==> flow/design.v <==
module alu_diff_unit #(
   parameter DWIDTH = 72
) (
   input logic clk,
   input logic i_rst_n,
   input logic [DWIDTH-1:0] op_a,
   input logic [DWIDTH-1:0] op_b,
   output logic [DWIDTH-1:0] q,
   output logic bo
);
   logic [DWIDTH-1:0] op_a_ff;
   logic [DWIDTH-1:0] op_b_ff;
   logic [DWIDTH:0] t;
   assign t = {1'b0, op_a_ff} - {1'b0, op_b_ff};
   assign q = t[DWIDTH-1:0];
   assign bo = t[DWIDTH];
   always_ff @(posedge clk or negedge i_rst_n) begin
      if (!i_rst_n) begin
         op_a_ff <= 0;
         op_b_ff <= 0;
      end else begin
         op_a_ff <= op_a;
         op_b_ff <= op_b;
      end
   end
endmodule
## Reports on alu_diff_unit

Tool output for the design above, in the order of the flow.
Line numbers count from 1 in the design file above.
The mark -- stands for no value.

- Design top: alu_diff_unit
- Clock input: clk
- Standard-cell library: sky130hd
- Library corner: tt_025C_1v80

## Elaborated design

Source: Yosys, flattened and elaborated, memories not mapped. Widths are those after wreduce; folded enables and synchronous resets count as part of the registers. Registers that Yosys merges into a memory's read port (data or address) are not register bits. Print and check cells do not count. Equal cells are merged and count once.

- Reductions and logical operators: 0
- Multipliers: 0
- Magnitude comparators: 0
- Divide/modulo/power cells: 0
- Add/sub/neg operators: 1
- Bitwise logic cells: 0
- Equal/unequal tests: 0
- Multiplexer cells: 0
- Shifts and indexed selects: 0

Operators with widths:

| cell | count |
|---|---|
| 72-bit by 72-bit subtractor with 73-bit output | 1 |

- Input port bits: 146
- Bits in latches: 0
- ROM bits: 0
- Memory bits (writable): 0
- Clocked read ports x word width: 0
- Output and inout bits: 73
- Flip-flop bits (word level): 144
- Memories: 0
- Elaborated cells: 3

## Longest topological paths

Longest topological path by Yosys (ltp), each cell counted once; first at word level (registers and memories cut), then after technology mapping (sequential cells cut; the memories' decode and read muxes count).

- Word-level depth: 1
- ABC_AREA: 0
- Depth in mapped cells: 12
- Mapped depth without buffers: 12

## Mapped cells and area

Source: synth_stat.txt of the flow (Yosys; design flattened, memories mapped). It holds for the ABC_AREA given above (unset counts as 0); a run with the other value may have another netlist.

Cell types:

| cell | count | area in all (µm²) |
|---|---|---|
| sky130_fd_sc_hd__dfrtp_1 | 144 | 3.6E+03 |
| sky130_fd_sc_hd__ha_1 | 72 | 900.864 |
| sky130_fd_sc_hd__a21oi_1 | 85 | 425.408 |
| sky130_fd_sc_hd__inv_1 | 92 | 345.331 |
| sky130_fd_sc_hd__xnor2_1 | 35 | 306.544 |
| sky130_fd_sc_hd__a21o_1 | 37 | 277.766 |
| sky130_fd_sc_hd__nand2_1 | 71 | 266.506 |
| sky130_fd_sc_hd__xor2_1 | 27 | 236.477 |
| sky130_fd_sc_hd__o21ai_0 | 38 | 190.182 |
| sky130_fd_sc_hd__nor2_1 | 46 | 172.666 |
| sky130_fd_sc_hd__nand4_1 | 25 | 156.4 |
| sky130_fd_sc_hd__o21bai_1 | 15 | 112.608 |
| sky130_fd_sc_hd__clkbuf_1 | 22 | 82.579 |
| sky130_fd_sc_hd__nand3_1 | 13 | 65.062 |
| sky130_fd_sc_hd__a211oi_1 | 8 | 60.058 |
| sky130_fd_sc_hd__o31ai_1 | 8 | 60.058 |
| sky130_fd_sc_hd__nor3_1 | 11 | 55.053 |
| sky130_fd_sc_hd__a31oi_1 | 8 | 50.048 |

Other cell types: 63; their cells: 125.

- Synthesis area: 8421.8 µm²
- Buffer cells: 33
- Sequential area: 3603.5 µm²
- Mapped flip-flops: 144
- Cell count: 882

## Worst setup path after synthesis

Source: OpenSTA report_checks on the synthesized netlist (no wires, ideal clock, input and output delay 20% of the period each), path of least setup slack; recovery checks are left aside. Register names are those of the netlist, which keeps one name where synthesis merged equal registers.

- Kind: register to output
- Start: register op_a_ff[44]
- End: output port q[71]
- Stages: 12
- Arrival time: 3.049 ns
- Clock period: 4.76 ns
- Path buffers: 1
- Path slack: 0.759 ns
- Required time: 3.808 ns
- Launch time at the first pin: 0.000 ns
- External output delay: 0.952 ns
- Delay of the path: 3.049 ns
- Period reached after synthesis: 4.001 ns

"delay of the path" = arrival - input delay + setup time.
At an output port there is no setup time.
"stages" counts driving pins, that of a launching flip-flop among them; a cell with two outputs on the path counts twice.
"period reached after synthesis" = period - worst setup slack (recovery checks aside). The figure is calculated, with input and output delays left at 20% of the set period.
Between the ends stands the longest chain of elaborated cells between them, by number of cells; it is not shown to be the way that was timed. Of several equally long chains one is given.
A line is the first line of the expression or statement that the cell stems from. Yosys adds cells for indexed reads and writes and turns some case tables into memories.

- Cell sequence: sky130_fd_sc_hd__dfrtp_1 > sky130_fd_sc_hd__ha_1 > sky130_fd_sc_hd__buf_2 > sky130_fd_sc_hd__nand2_1 > sky130_fd_sc_hd__nor3_2 > sky130_fd_sc_hd__nand3_1 > sky130_fd_sc_hd__or4_1 > sky130_fd_sc_hd__or4_1 > sky130_fd_sc_hd__o32ai_2 > sky130_fd_sc_hd__nor2_1 > sky130_fd_sc_hd__o31a_1 > sky130_fd_sc_hd__a311oi_1
- Length of the longest elaborated chain: 1
- Elaborated cells between the ends (all ways): 1
- RTL lines with such cells: 1
- Those cells by class: add/sub (1)

RTL lines, path post-synthesis:

| what | RTL line | text |
|---|---|---|
| start: declaration | 11 | `logic [DWIDTH-1:0] op_a_ff;` |
| start: assignment | 19 | `op_a_ff <= 0;` |
| start: assignment | 22 | `op_a_ff <= op_a;` |
| 72-bit by 72-bit subtractor with 73-bit output | 14 | `assign t = {1'b0, op_a_ff} - {1'b0, op_b_ff};` |
| end: declaration | 8 | `output logic [DWIDTH-1:0] q,` |

## Worst path after layout

From the final timing report of flow run 1: the path of least setup slack in the routed layout; clock arrival at registers is part of the times.

- Kind: register to output
- Start: register op_a_ff[13]
- End: output port q[69]
- Required time: 5.01 ns
- Path slack: 0.69 ns
- Path buffers: 1
- External output delay: 1.25 ns
- Launch time at the first pin: 0.48 ns
- Clock period: 6.26 ns
- Stages: 12
- Arrival time: 4.32 ns

Between the ends stands the longest chain of elaborated cells between them, by number of cells; it is not shown to be the way that was timed. Of several equally long chains one is given.

- Cell sequence: sky130_fd_sc_hd__dfrtp_1 > sky130_fd_sc_hd__ha_1 > sky130_fd_sc_hd__and2_4 > sky130_fd_sc_hd__nand3_2 > sky130_fd_sc_hd__or3_1 > sky130_fd_sc_hd__o211a_4 > sky130_fd_sc_hd__o21a_4 > sky130_fd_sc_hd__o41a_4 > sky130_fd_sc_hd__o22a_2 > sky130_fd_sc_hd__a2111o_1 > sky130_fd_sc_hd__o211ai_1 > sky130_fd_sc_hd__clkdlybuf4s50_1
- Length of the longest elaborated chain: 1
- Elaborated cells between the ends (all ways): 1
- RTL lines with such cells: 1
- Those cells by class: add/sub (1)

RTL lines, path post-layout:

| what | RTL line | text |
|---|---|---|
| start: declaration | 11 | `logic [DWIDTH-1:0] op_a_ff;` |
| start: assignment | 19 | `op_a_ff <= 0;` |
| start: assignment | 22 | `op_a_ff <= op_a;` |
| 72-bit by 72-bit subtractor with 73-bit output | 14 | `assign t = {1'b0, op_a_ff} - {1'b0, op_b_ff};` |
| end: declaration | 8 | `output logic [DWIDTH-1:0] q,` |

Lab notebook: alu_diff_unit

Settings and measured results of 3 stored flow runs for module alu_diff_unit (sky130hd), not sorted in any way. The constraints put input and output delay at 20% of the set period each and load the outputs with 0.01 pF.
"period reached" is the run's clock period less its worst setup slack. It is reckoned from that one timing run; input and output delays stay at 20% of the period that was set.
"worst path time" is the time allowed to the run's worst setup path (the clock period less input and output delay, where it has them) less its slack. Clock arrival times count: a late capture clock shortens it, a late launch clock lengthens it.
A setting shown as - is not set for that run.
A result given as - is not shown for that run.

| item | flow run 1 | flow run 2 | flow run 3 |
|---|---|---|---|
| period_ns | 6.26 | 4.76 | 2.56 |
| CORE_UTILIZATION | 18 | 40 | 72 |
| SETUP_SLACK_MARGIN | 0.65 | - | 0.2 |
| PLACE_DENSITY_LB_ADDON | 0.16 | - | - |
| CORE_MARGIN | 3 | 2 | 2 |
| TNS_END_PERCENT | 30 | - | 50 |
| GPL_ROUTABILITY_DRIVEN | 1 | - | - |
| CTS_CLUSTER_SIZE | 26 | - | - |
| MIN_ROUTING_LAYER | met2 | - | - |
| CAP_MARGIN | 20 | 20 | 40 |
| SLEW_MARGIN | 20 | 20 | 20 |
| CELL_PAD_IN_SITES_GLOBAL_PLACEMENT | - | - | 2 |
| ABC_AREA | - | - | 1 |
| CTS_CLUSTER_DIAMETER | - | - | 340 |
| worst slack on setup checks (ns) | 0.692 | 0.029 | - |
| sum of negative setup slack (ns) | 0.000 | 0.000 | - |
| period reached (ns) | 5.568 | 4.731 | - |
| overall die area (µm²) | 49419.5 | 22230.8 | - |
| utilization after layout | 0.261 | 0.573 | - |
| standard-cell area after layout (µm²) | 11937.7 | 11921.4 | - |
| worst path time (ns) | 4.32 | 3.78 | - |
| type of the worst setup path | register to output | register to output | - |
| synthesis area (µm²) | 8421.8 | 8421.8 | - |

Flow run 3: no final report: placement broke off with GPL-0301
